==> flow/design.v <==
module cmp #(
   parameter integer WIDTH = 18
) (
   input  wire i_clk,
   input  wire rst_ni,
   input  wire [WIDTH-1:0] i_src1,
   input  wire [WIDTH-1:0] i_src2,
   output wire o_is_lt,
   output wire o_match
);
   reg [WIDTH-1:0] src1_ff;
   reg [WIDTH-1:0] src2_ff;
   reg [WIDTH:0] work_ff;
   reg is_lt_ff;
   assign o_is_lt = is_lt_ff;
   reg match_ff;
   assign o_match = match_ff;
   always @(posedge i_clk) begin
      if (!rst_ni) begin
         src1_ff <= 0;
         src2_ff <= 0;
         work_ff <= 0;
         is_lt_ff <= 1'b0;
         match_ff <= 1'b0;
      end else begin
         src1_ff <= i_src1;
         src2_ff <= i_src2;
         work_ff <= {1'b0, src1_ff} - {1'b0, src2_ff};
         is_lt_ff <= work_ff[WIDTH];
         match_ff <= ~|work_ff[WIDTH-1:0];
      end
   end
endmodule
======== From RTL to reports: cmp ========
Tool output for the design above, in the order of the flow.
Line numbers count from 1 in the design file above.
Cell names lack the library's common part.
A cell with -- has no value.
set-up
  top ..................................... cmp
  clock input ............................. i_clk
  library ................................. sky130hd
  corner .................................. tt_025C_1v80

======== Word-level counts ========
Counts by Yosys on the flattened word-level netlist (proc, flatten, opt, wreduce; memories kept). Register bits leave out memories and registers merged into their read ports (data or address); mux counts leave out enables and synchronous resets folded into registers. Print and check cells are left out. Cells with the same type and inputs are merged into one.
word-level totals
  flip-flop bits (word level) ............. 57
  bits of input ports ..................... 38
  output and inout bits ................... 2
cells by class
  add/sub/neg operators ................... 1
  reduce/logical cells .................... 2
operator list
  kind                                            number
  18-bit by 18-bit subtractor with 19-bit output  1
  18-bit OR reduction                             1
  1-bit zero test                                 1

======== Logic depth ========
Yosys ltp: most cells in a row. Word level: on the elaborated netlist, between registers, memories and ports. Mapped: between sequential cells and ports; inverters and the memories' decode and read muxes count.
logic depth
  depth after elaboration ................. 2
  ABC_AREA ................................ 0
  depth in mapped cells ................... 10
  mapped depth without buffers ............ 10

======== After synthesis ========
Yosys stat after the flow's synthesis: flattened, memories mapped to cells. It holds for the ABC_AREA given above (unset counts as 0); a run with the other value may have another netlist.
Totals and module areas in this step are rounded.
mapped netlist
  mapped cells ............................ 256
  chip area (Yosys) ....................... 2450 µm²
  flip-flop cells ......................... 57
  buffers ................................. 6
cells by type
  type      number  total area (µm²)
  dfxtp_1   57      1.14E+03
  and2_1    51      319.056
  ha_1      18      225.216
  inv_1     21      78.826
  a21oi_1   15      75.072
  xnor2_1   7       61.309
  nand2_1   12      45.043
  xor2_1    5       43.792
  o21ai_0   6       30.029
  a41oi_1   3       26.275
  nor2_1    7       26.275
  nand2b_1  4       25.024
  nor4_1    4       25.024
  o21ai_1   5       25.024
  a21o_1    3       22.522
  clkbuf_1  6       22.522
  fa_1      1       20.019
  mux2i_1   2       20.019
Not listed: further types 18, cells in them 29.

======== Path before layout ========
Path of least setup slack by OpenSTA after synthesis, without wires, with an ideal clock, recovery checks aside; 20% of the period is set as input and as output delay. Where synthesis merged equal registers, the netlist keeps one of their names.
timing post-synthesis
  kind .................................... register -> register
  from .................................... reg src1_ff[0]
  to ...................................... reg work_ff[16]
  period .................................. 2640 ps
  library setup time ...................... 115 ps
  launch time at the first pin ............ 0 ps
  arrival time ............................ 1999 ps
  data required time ...................... 2525 ps
  path slack .............................. 526 ps
  path delay .............................. 2114 ps
  stages on the path ...................... 11
  buffers on the path ..................... 0
  period reached after synthesis .......... 2114 ps
"path delay" = arrival - input delay + setup time.
"stages on the path": output pins that drive a net of the path, with the launching flip-flop's if there is one; two outputs of one cell count as two.
"period reached after synthesis" is the clock period less the worst setup slack; recovery checks do not enter. This is arithmetic on one report: input and output delays are still those of the set period (20% each).
Between the ends stands the longest chain of elaborated cells between them, by number of cells; it is not shown to be the way that was timed. Of several equally long chains one is given.
Each line given opens the expression or statement behind the cell; cells for indexed reads and writes are added by Yosys, which also makes memories of some case tables.
between the ends, post-synthesis
  path through ............................ dfxtp_1 -> inv_1 -> ha_1 -> inv_1 -> fa_1 -> a21o_1 -> a221oi_2 -> o21a_2 -> o311ai_2 -> xor2_1 -> and2_1
  length of the longest elaborated chain .. 1
RTL lines, path post-synthesis
  what                                            line  text
  from (decl)                                     11    reg [WIDTH-1:0] src1_ff;
  from (assign)                                   20    src1_ff <= 0;
  from (assign)                                   26    src1_ff <= i_src1;
  18-bit by 18-bit subtractor with 19-bit output  28    work_ff <= {1'b0, src1_ff} - {1'b0, src2_ff};
  to (assign)                                     22    work_ff <= 0;
  to (assign)                                     28
  to (decl)                                       13    reg [WIDTH:0] work_ff;

======== Worst path after layout ========
Path of least setup slack in the final report of run A (OpenROAD, finished layout, wires in). Where an end is a register, its clock arrival counts in the times.
The report prints the path's times to 10 ps; the period is as set.
timing after layout
  kind .................................... register -> register
  from .................................... reg src1_ff[0]
  to ...................................... reg work_ff[16]
  period .................................. 2640 ps
  library setup time ...................... 100 ps
  launch time at the first pin ............ 320 ps
  arrival time ............................ 2520 ps
  data required time ...................... 2870 ps
  path slack .............................. 350 ps
  stages on the path ...................... 11
  buffers on the path ..................... 0
Between the ends stands the longest chain of elaborated cells between them, by number of cells; it is not shown to be the way that was timed. Of several equally long chains one is given.
between the ends, after layout
  path through ............................ dfxtp_1 -> inv_1 -> ha_1 -> inv_1 -> fa_1 -> a21o_1 -> a221oi_2 -> o21a_2 -> o311ai_2 -> xor2_1 -> and2_1
  length of the longest elaborated chain .. 1
RTL lines, path after layout
  what                                            line  text
  from (decl)                                     11    reg [WIDTH-1:0] src1_ff;
  from (assign)                                   20    src1_ff <= 0;
  from (assign)                                   26    src1_ff <= i_src1;
  18-bit by 18-bit subtractor with 19-bit output  28    work_ff <= {1'b0, src1_ff} - {1'b0, src2_ff};
  to (assign)                                     22    work_ff <= 0;
  to (assign)                                     28
  to (decl)                                       13    reg [WIDTH:0] work_ff;

Hand-over note for cmp

Top module cmp; platform sky130hd; tools Yosys and OpenROAD; 2 stored runs in no particular order. Input and output delays are each 20% of the period that was set; the output load is 0.01 pF.
"period reached" means the clock period less the worst setup slack. The figure is calculated, with input and output delays left at 20% of the set period.
"worst setup path time" means the part of the period allowed to the worst setup path (the constraints hold back 20% at inputs and 20% at outputs) less its slack; where the path has registers, the arrival times of their clocks count too.
"total power after layout" is the tool's figure for a default switching activity; nothing was simulated.
"worst setup path time" is known to 10 ps.
The results are shown rounded.

======== run A ========
==> flow/run.sh <==
#!/bin/bash
# the make line also repeats the synthesis and layout settings of config.mk as NAME=value (left out here)
make -C /OpenROAD-flow-scripts/flow DESIGN_CONFIG=/design/flow/config.mk WORK_HOME=/design/flow/orfs CLKGATE_MAP_FILE= finish
==> flow/config.mk <==
export PLATFORM = sky130hd
export DESIGN_NAME = cmp
export DESIGN_NICKNAME = cmp
export VERILOG_FILES = /design/flow/design.v
export SDC_FILE = /design/flow/constraint.sdc
export NUM_CORES = 4
export LEC_CHECK = 0
export CAP_MARGIN = 20
export CORE_MARGIN = 2
export CORE_UTILIZATION = 40
export SLEW_MARGIN = 20
==> flow/constraint.sdc <==
create_clock -name core_clock -period 2.64 [get_ports {i_clk}]
set_input_delay 0.5280 -clock core_clock [delete_from_list [all_inputs] [get_ports {i_clk}]]
set_output_delay 0.5280 -clock core_clock [all_outputs]
set_load 0.01 [all_outputs]

-------- measured, run A --------
  sum of negative setup slack ............. 0 ps
  smallest setup slack .................... 346 ps
  lowest hold slack ....................... 390 ps
  total die area .......................... 6760 µm²
  worst setup path time ................... 2290 ps
  worst path kind ......................... register -> register
  total power after layout ................ 2.14 mW
  standard-cell area after layout ......... 3130 µm²
  Yosys chip area after synthesis ......... 2450 µm²
  period reached .......................... 2294 ps
  final utilization ....................... 52.9 %

======== run B ========
==> flow/run.sh <==
#!/bin/bash
# the make line also repeats the synthesis and layout settings of config.mk as NAME=value (left out here)
make -C /OpenROAD-flow-scripts/flow DESIGN_CONFIG=/design/flow/config.mk WORK_HOME=/design/flow/orfs CLKGATE_MAP_FILE= finish
==> flow/config.mk <==
export PLATFORM = sky130hd
export DESIGN_NAME = cmp
export DESIGN_NICKNAME = cmp
export VERILOG_FILES = /design/flow/design.v
export SDC_FILE = /design/flow/constraint.sdc
export NUM_CORES = 4
export LEC_CHECK = 0
export ABC_AREA = 0
export CAP_MARGIN = 20
export CORE_MARGIN = 4
export CORE_UTILIZATION = 20
export CTS_CLUSTER_DIAMETER = 146
export GPL_TIMING_DRIVEN = 1
export MAX_ROUTING_LAYER = met5
export PLACE_DENSITY_LB_ADDON = 0.23
export SLEW_MARGIN = 35
export TNS_END_PERCENT = 85
==> flow/constraint.sdc <==
create_clock -name core_clock -period 2.38 [get_ports {i_clk}]
set_input_delay 0.4760 -clock core_clock [delete_from_list [all_inputs] [get_ports {i_clk}]]
set_output_delay 0.4760 -clock core_clock [all_outputs]
set_load 0.01 [all_outputs]

-------- measured, run B --------
  sum of negative setup slack ............. 0 ps
  smallest setup slack .................... 209 ps
  lowest hold slack ....................... 405 ps
  total die area .......................... 14100 µm²
  worst setup path time ................... 2170 ps
  worst path kind ......................... register -> register
  total power after layout ................ 2.85 mW
  standard-cell area after layout ......... 3360 µm²
  Yosys chip area after synthesis ......... 2450 µm²
  period reached .......................... 2171 ps
  final utilization ....................... 27.9 %

End of note.
